==> flow/design.v <==
module mem #(
  parameter ENTRIES = 12,
  parameter BITS = 16,
  parameter NR = 6,
  parameter AWIDTH = $clog2(ENTRIES)
) (
  input  wire CLK,
  input  wire in_write,
  input  wire [AWIDTH-1:0] in_wr_addr,
  input  wire [BITS-1:0] in_write_data,
  input  wire [NR*AWIDTH-1:0] in_read_addr,
  output wire [NR*BITS-1:0] out_rd
);
  reg write_d1;
  reg [AWIDTH-1:0] wr_addr_d1;
  reg [BITS-1:0] write_data_d1;
  always @(posedge CLK) begin
    write_d1 <= in_write;
    wr_addr_d1 <= in_wr_addr;
    write_data_d1 <= in_write_data;
  end
  reg [ENTRIES*BITS-1:0] array;
  genvar ii;
  generate
    for (ii = 0; ii < ENTRIES; ii = ii + 1) begin : slice
      always @(posedge CLK)
        if (write_d1 && wr_addr_d1 == ii) array[ii*BITS +: BITS] <= write_data_d1;
    end
  endgenerate
  reg [NR*AWIDTH-1:0] read_addr_d1;
  always @(posedge CLK) begin
    read_addr_d1 <= in_read_addr;
  end
  reg [NR*BITS-1:0] val;
  integer m;
  integer t;
  always @(*) begin
    val = 0;
    for (m = 0; m < NR; m = m + 1) begin
      for (t = 0; t < ENTRIES; t = t + 1)
        val[m*BITS +: BITS] = val[m*BITS +: BITS] | (array[t*BITS +: BITS] & {BITS{read_addr_d1[m*AWIDTH +: AWIDTH] == t}});
    end
  end
  assign out_rd = val;
endmodule
# Reports on mem
# Tool output for the design above, in the order of the flow.
# Line numbers count from 1 in the design file above.
# Operators: Yosys type, input widths -> output width; for muxes data width and select width s.
# Not given: n/a
[setup]
design = "mem"
clock_port = "CLK"
cell_library = "sky130hd"
lib_corner = "tt_025C_1v80"

# Word level
# Source: Yosys, flattened and elaborated, memories not mapped. Widths are those after wreduce; folded enables and synchronous resets count as part of the registers. Registers that Yosys merges into a memory's read port (data or address) are not register bits. Print and check cells do not count. Equal cells are merged and count once.
[word_totals]
ff_bits = 237
inputBits = 46
out_inout_bits = 96
word_cells = 250
[classes]
n_eq = 77
logic = 138
reduce_logical = 19
[op_table]
columns = ["cell", "count"]
rows = [
  ["$and 16x16->16", 72],
  ["$or 16x16->16", 66],
  ["$eq 4x3->1 const B", 28],
  ["$eq 4x4->1 const B", 28],
  ["$eq 4x2->1 const B", 14],
  ["$eq 4x1->1 const B", 7],
  ["$logic_not 4->1", 7],
  ["$logic_and 1x1->1", 12],
]

# Longest topological paths
# Longest topological path by Yosys (ltp), each cell counted once; first at word level (registers and memories cut), then after technology mapping (sequential cells cut; the memories' decode and read muxes count).
[depth]
depth_word = 13
ABC_AREA = 0
depth_mapped = 8
depth_no_buf = 4

# Mapped cells and area
# Yosys stat after the flow's synthesis: flattened, memories mapped to cells. It holds for the ABC_AREA given above (unset counts as 0); a run with the other value may have another netlist.
[mapped]
mapped_cells = 1682
yosys_area_um2 = 17123.9
sequential_area_um2 = 6666.4
ff_cells = 237
buffers = 168
[by_type]
columns = ["cell_type", "count", "type_area_um2"]
rows = [
  ["sky130_fd_sc_hd__edfxtp_1", 192, 5765.53],
  ["sky130_fd_sc_hd__a22oi_1", 139, 1.04E+03],
  ["sky130_fd_sc_hd__dfxtp_1", 45, 900.864],
  ["sky130_fd_sc_hd__mux2i_1", 87, 870.835],
  ["sky130_fd_sc_hd__mux2_2", 63, 709.43],
  ["sky130_fd_sc_hd__a22o_1", 65, 569.296],
  ["sky130_fd_sc_hd__buf_2", 104, 520.499],
  ["sky130_fd_sc_hd__mux4_2", 23, 517.997],
  ["sky130_fd_sc_hd__a221oi_1", 46, 402.886],
  ["sky130_fd_sc_hd__a32oi_1", 46, 402.886],
  ["sky130_fd_sc_hd__nor2b_1", 49, 306.544],
  ["sky130_fd_sc_hd__nor2_1", 81, 304.042],
  ["sky130_fd_sc_hd__nand3_1", 57, 285.274],
  ["sky130_fd_sc_hd__o2bb2ai_1", 29, 253.994],
  ["sky130_fd_sc_hd__a21oi_1", 50, 250.24],
  ["sky130_fd_sc_hd__o211ai_1", 30, 225.216],
  ["sky130_fd_sc_hd__nand2_1", 54, 202.694],
  ["sky130_fd_sc_hd__o21ai_0", 39, 195.187],
]
# Other cell types: 62; their cells: 483.

# Path before layout
# Path of least setup slack by OpenSTA after synthesis, without wires, with an ideal clock, recovery checks aside; 20% of the period is set as input and as output delay. Where synthesis merged equal registers, the netlist keeps one of their names.
[synth_path]
path_kind = "register -> register"
start = "register write_d1"
end = "register array[0]"
period_ns = 2.95
setup_ns = 0.409
t_first_pin_ns = 0.000
arrival_time_ns = 1.950
t_required_ns = 2.541
path_slack_ns = 0.591
delay_ns = 2.359
driving_pins = 3
n_path_buf = 0
period_less_setup_slack_ns = 2.359
# "delay_ns" is the arrival time less input delay plus setup time.
# "driving_pins": output pins that drive a net of the path, with the launching flip-flop's if there is one; two outputs of one cell count as two.
# "period_less_setup_slack_ns" = period - worst setup slack (recovery checks aside). The figure is calculated, with input and output delays left at 20% of the set period.
# The rows between start and end are the longest chain of elaborated cells between them; the timing report does not say that the signal goes this way. Where chains are equally long, one stands for them.
# A line is the first line of the expression or statement that the cell stems from. Yosys adds cells for indexed reads and writes and turns some case tables into memories.
[synth_between]
cell_sequence = "sky130_fd_sc_hd__dfxtp_1 > sky130_fd_sc_hd__or3b_2 > sky130_fd_sc_hd__nor3_1"
elab_chain_len = 1
cone_cells = 1
lines_between = 1
classes_between = "reduce/logical: 1"
[synth_rtl]
columns = ["element", "line_no", "text"]
rows = [
  ["from (decl)", 14, "reg write_d1;"],
  ["from (assign)", 18, "write_d1 <= in_write;"],
  ["$logic_and 1x1->1", 27, "if (write_d1 && wr_addr_d1 == ii) array[ii*BITS +: BITS] <= write_data_d1;"],
  ["to (assign)", 27, ""],
  ["to (decl)", 22, "reg [ENTRIES*BITS-1:0] array;"],
]

# Timing after layout
# From the final timing report of flow run A: the path of least setup slack in the routed layout; clock arrival at registers is part of the times.
[layout_path]
path_kind = "register -> output"
start = "register read_addr_d1[1]"
end = "output port out_rd[4]"
period_ns = 2.95
output_delay_ns = 0.59
t_first_pin_ns = 0.62
arrival_time_ns = 2.53
t_required_ns = 2.36
path_slack_ns = -0.17
driving_pins = 8
n_path_buf = 3
# The rows between start and end are the longest chain of elaborated cells between them; the timing report does not say that the signal goes this way. Where chains are equally long, one stands for them.
[layout_between]
cell_sequence = "sky130_fd_sc_hd__dfxtp_4 > sky130_fd_sc_hd__buf_12 > sky130_fd_sc_hd__buf_8 > sky130_fd_sc_hd__and3_4 > sky130_fd_sc_hd__a22o_1 > sky130_fd_sc_hd__a222oi_1 > sky130_fd_sc_hd__o211ai_1 > sky130_fd_sc_hd__buf_2"
elab_chain_len = 13
cone_cells = 35
lines_between = 1
classes_between = "eq/ne: 11; logic: 23; reduce/logical: 1"
[layout_rtl]
columns = ["element", "line_no", "text"]
rows = [
  ["from (decl)", 30, "reg [NR*AWIDTH-1:0] read_addr_d1;"],
  ["from (assign)", 32, "read_addr_d1 <= in_read_addr;"],
  ["$logic_not 4->1", 41, "val[m*BITS +: BITS] = val[m*BITS +: BITS] | (array[t*BITS +: BITS] & {BITS{read_addr_d1[m*AWIDTH +: AWIDTH] == ..."],
  ["$and 16x16->16", 41, ""],
  ["$or 16x16->16 x11", 41, ""],
  ["to (decl)", 12, "output wire [NR*BITS-1:0] out_rd"],
]

# Stored flow runs of mem (2 of them; Yosys, OpenROAD, sky130hd). They differ in their settings and are not a sequence. Constraints: input delay and output delay 20% of the set period each, output load 0.01 pF.
# "clock_period_reached_ns": clock period set for the run, less the worst setup slack. It is reckoned from that one timing run; input and output delays stay at 20% of the period that was set.
# "timing.worst_path_ns" means the part of the period allowed to the worst setup path (the constraints hold back 20% at inputs and 20% at outputs) less its slack; where the path has registers, the arrival times of their clocks count too.
# "power_mw" is the tool's figure for a default switching activity; nothing was simulated.

[[run]]
name = "flow run A"
[run.settings]
period_ns = 2.95
CAP_MARGIN = 20
CORE_MARGIN = 2
CORE_UTILIZATION = 40
SLEW_MARGIN = 20
[run.results]
synthesis_area_um2 = 17123.9
die_area_um2 = 44480.9
final_cell_area_um2 = 25582.0
final_util_pct = 60.7
ws_setup_ns = -0.173
total_negative_slack_ns = -1.283
worst_hold_slack_ns = 0.391
power_mw = 10.213
clock_period_reached_ns = 3.123
timing.worst_path_ns = 2.53
worstPathKind = "register -> output"

[[run]]
name = "flow run B"
[run.settings]
period_ns = 2.19
CORE_UTILIZATION = 67
SETUP_SLACK_MARGIN = 0.65
CELL_PAD_IN_SITES_GLOBAL_PLACEMENT = 1
TNS_END_PERCENT = 50
GPL_ROUTABILITY_DRIVEN = 1
CAP_MARGIN = 25
SLEW_MARGIN = 5
CORE_MARGIN = 2
[run.results]
outcome = "stopped before the end: placement reported GPL-0301"
